==> flow/design.v <==
module my_shifter #(
  parameter DATA_WIDTH = 48,
  parameter LOGN = $clog2(DATA_WIDTH)
) (
  input  wire clk,
  input  wire i_rst_n,
  input  wire enable,
  input  wire [DATA_WIDTH-1:0] bus,
  input  wire [LOGN-1:0] n,
  input  wire [1:0] fn,
  output reg [DATA_WIDTH-1:0] data_out
);
  reg [DATA_WIDTH-1:0] bus_d1;
  reg [LOGN-1:0] n_d1;
  reg [1:0] fn_d1;
  always @(posedge clk or negedge i_rst_n) begin
    if (~i_rst_n) begin
      bus_d1 <= 0;
      n_d1 <= 0;
      fn_d1 <= 0;
    end else if (enable) begin
      bus_d1 <= bus;
      n_d1 <= n;
      fn_d1 <= fn;
    end
  end
  reg [DATA_WIDTH-1:0] tmp;
  always @(*) begin
    case (fn_d1)
      2'b00: tmp = bus_d1 << n_d1;
      2'b01: tmp = bus_d1 >> n_d1;
      2'b10: tmp = $signed(bus_d1) >>> n_d1;
      default: tmp = bus_d1;
    endcase
  end
  always @(posedge clk or negedge i_rst_n) begin
    if (~i_rst_n) begin
      data_out <= 0;
    end else if (enable) begin
      data_out <= tmp;
    end
  end
endmodule
Reports on my_shifter. Tool output for the design above, in the order of the flow. Lines are those of the file above, counted from 1. Cell names lack the library's common part. Not given: n/a

Top module: my_shifter. Clock port: clk. Standard-cell library: sky130hd. Corner: tt_025C_1v80.

After elaboration. Counts by Yosys on the flattened word-level netlist (proc, flatten, opt, wreduce; memories kept). Register bits leave out memories and registers merged into their read ports (data or address); mux counts leave out enables and synchronous resets folded into registers. Print and check cells are left out. Cells with the same type and inputs are merged into one.

The entry for equality and inequality tests reads 2. For reductions and logical operators the number is 1. The entry for multiplexer cells reads 1. Under shift operators stands 3.

Operator list (count): parallel mux 48 bit (select 3 bit) (1); left shift 48 x 6 -> 48 bit (1); >> shifter 48 x 6 -> 48 bit (1); >>> shifter 48 x 6 -> 48 bit (1); equality test 2 x 1 -> 1 bit (second input constant) (1); equality test 2 bit (second input constant) (1); logical NOT 2 bit (1).

The entry for input bits reads 59. For register bits after elaboration the number is 104. The figure for output and inout port bits is 48.

Logic depth. Depth = most cells in a row (Yosys ltp): at word level without a register or memory, in the mapped netlist without a sequential cell, where the memories' decode and read muxes count.

The entry for depth in word-level cells reads 2. The figure for ABC_AREA is 0. For gate-level depth with buffers the number is 11.

Synthesis result. Source: synth_stat.txt of the flow (Yosys; design flattened, memories mapped). It holds for the ABC_AREA given above (unset counts as 0); a run with the other value may have another netlist.

Under cells in the netlist stands 1300. For mapped area the number is 10925.5 sq um. Under flip-flops stands 104. For sequential area the number is 2602.5 sq um.

Cell types: dfrtp_1 (count 104, area in all 2.6E+03 sq um); mux2_2 (count 118, area in all 1.33E+03 sq um); mux4_2 (count 42, area in all 945.907 sq um); mux2i_1 (count 79, area in all 790.758 sq um); nor2_1 (count 158, area in all 593.069 sq um); nand2_1 (count 151, area in all 566.794 sq um); o21ai_0 (count 98, area in all 490.47 sq um); a21oi_1 (count 82, area in all 410.394 sq um); clkbuf_1 (count 71, area in all 266.506 sq um); o211ai_1 (count 28, area in all 210.202 sq um); o221ai_1 (count 17, area in all 148.893 sq um); buf_6 (count 12, area in all 135.13 sq um); o22ai_1 (count 21, area in all 131.376 sq um); a22oi_1 (count 17, area in all 127.622 sq um); buf_4 (count 15, area in all 112.608 sq um); buf_2 (count 22, area in all 110.106 sq um); a211oi_1 (count 14, area in all 105.101 sq um); a31oi_1 (count 15, area in all 93.84 sq um).

Other cell types: 65; their cells: 236.

Timing after synthesis. Source: OpenSTA report_checks on the synthesized netlist (no wires, ideal clock, input and output delay 20% of the period each), path of least setup slack; recovery checks are left aside. Register names are those of the netlist, which keeps one name where synthesis merged equal registers.

Path kind: reg-to-reg. Start point: register n_d1[1]. End point: register data_out[7]. Period: 2.68 ns. Under time at the first pin stands 0.000 ns. The figure for setup slack is 0.539 ns. Driving pins on the path: 9. For buffers on the path the number is 2. The figure for arrival is 2.000 ns. The figure for path delay is 2.141 ns. The entry for period reached after synthesis reads 2.141 ns.

"path delay" is the arrival time less input delay plus setup time. "driving pins on the path": output pins that drive a net of the path, with the launching flip-flop's if there is one; two outputs of one cell count as two. "period reached after synthesis" is the clock period less the worst setup slack; recovery checks do not enter. This is arithmetic on one report: input and output delays are still those of the set period (20% each). Between the ends stands the longest chain of elaborated cells between them, by number of cells; it is not shown to be the way that was timed. Of several equally long chains one is given. Each line given opens the expression or statement behind the cell; cells for indexed reads and writes are added by Yosys, which also makes memories of some case tables.

Path through: dfrtp_1 buf_6 buf_6 mux2_4 o21ai_0 o21ai_0 mux4_2 a221oi_2 a211oi_1. The figure for cells in the longest elaborated chain is 2.

RTL lines, path after synthesis: from (decl) (line 14) `reg [LOGN-1:0] n_d1;`; from (assign) (line 19) `n_d1 <= 0;`; from (assign) (line 23) `n_d1 <= n;`; >>> shifter 48 x 6 -> 48 bit (line 32) `2'b10: tmp = $signed(bus_d1) >>> n_d1;`; parallel mux 48 bit (select 3 bit) (line 29) `case (fn_d1)`; to (assign) (line 38) `data_out <= 0;`; to (assign) (line 40) `data_out <= tmp;`; to (decl) (line 11) `output reg [DATA_WIDTH-1:0] data_out`.

Path in the finished layout. Path of least setup slack in the final report of run 1 (OpenROAD, finished layout, wires in). Where an end is a register, its clock arrival counts in the times.

Path kind: reg-to-reg. Start point: register n_d1[1]. End point: register data_out[6]. The figure for setup slack is 0.02 ns. The figure for arrival is 2.96 ns. For buffers on the path the number is 3. Driving pins on the path: 10. Period: 2.68 ns. Under time at the first pin stands 0.38 ns.

Between the ends stands the longest chain of elaborated cells between them, by number of cells; it is not shown to be the way that was timed. Of several equally long chains one is given.

Path through: dfrtp_4 buf_6 inv_1 buf_12 mux2_2 a21oi_1 a22oi_1 buf_4 a221o_1 o211ai_1. The figure for cells in the longest elaborated chain is 2.

RTL lines, path after layout: from (decl) (line 14) `reg [LOGN-1:0] n_d1;`; from (assign) (line 19) `n_d1 <= 0;`; from (assign) (line 23) `n_d1 <= n;`; >>> shifter 48 x 6 -> 48 bit (line 32) `2'b10: tmp = $signed(bus_d1) >>> n_d1;`; parallel mux 48 bit (select 3 bit) (line 29) `case (fn_d1)`; to (assign) (line 38) `data_out <= 0;`; to (assign) (line 40) `data_out <= tmp;`; to (decl) (line 11) `output reg [DATA_WIDTH-1:0] data_out`.

Record of 3 stored runs of the RTL-to-layout flow on my_shifter, platform sky130hd. The runs are unordered. Constraints: input delay and output delay 20% of the set period each, output load 0.01 pF. By "reached clock period" is meant the clock period of the run minus its worst setup slack. This is arithmetic on one report: input and output delays are still those of the set period (20% each). By "time used up by the worst setup path" is meant the share of the clock period that the worst setup path is allowed (20% is reserved at inputs, 20% at outputs), minus its slack. Clock arrival times at its registers enter into it. "overall power" is the tool's figure for a default switching activity; nothing was simulated.

Run 1 has these settings: period_ns 2.68; CAP_MARGIN 20; CORE_MARGIN 2; CORE_UTILIZATION 40; SLEW_MARGIN 20. The standard-cell area after layout reads 14485.1 sq um. The measured utilization after layout is 53.9 %. The overall power stands at 8430 µW. The die outline area comes to 28652.3 sq um. The measured netlist area reported by Yosys is 10925.5 sq um. The reached clock period is 2.661 ns. The setup slack of the worst path comes to 0.019 ns. The measured setup TNS is 0.000 ns. The measured time used up by the worst setup path is 2.66 ns. Worst setup path kind: reg-to-reg.

Run 2 has these settings: period_ns 1.97; CORE_UTILIZATION 15; SETUP_SLACK_MARGIN 0.22; PLACE_DENSITY_LB_ADDON 0.12; CELL_PAD_IN_SITES_GLOBAL_PLACEMENT 0; CTS_CLUSTER_SIZE 84; CTS_CLUSTER_DIAMETER 107; MIN_ROUTING_LAYER met2; CAP_MARGIN 20; CORE_MARGIN 2; SLEW_MARGIN 20. The standard-cell area after layout reads 20587.2 sq um. The measured utilization after layout is 28.7 %. The overall power stands at 15682 µW. The die outline area comes to 75010.3 sq um. The measured netlist area reported by Yosys is 10925.5 sq um. The reached clock period is 2.853 ns. The setup slack of the worst path comes to -0.883 ns. The measured setup TNS is -32.635 ns. The measured time used up by the worst setup path is 2.85 ns. Worst setup path kind: reg-to-reg.

Run 3 has these settings: period_ns 3.97; CORE_UTILIZATION 18; SETUP_SLACK_MARGIN -0.32; PLACE_DENSITY_LB_ADDON 0.17; CORE_ASPECT_RATIO 0.88; CELL_PAD_IN_SITES_GLOBAL_PLACEMENT 2; CELL_PAD_IN_SITES_DETAIL_PLACEMENT 2; TNS_END_PERCENT 100; CTS_CLUSTER_SIZE 96; CAP_MARGIN 20; CORE_MARGIN 2; SLEW_MARGIN 20. The standard-cell area after layout reads 13207.7 sq um. The measured utilization after layout is 22.0 %. The overall power stands at 5417 µW. The die outline area comes to 62688.7 sq um. The measured netlist area reported by Yosys is 10925.5 sq um. The reached clock period is 3.569 ns. The setup slack of the worst path comes to 0.401 ns. The measured setup TNS is 0.000 ns. The measured time used up by the worst setup path is 3.57 ns. Worst setup path kind: reg-to-reg.
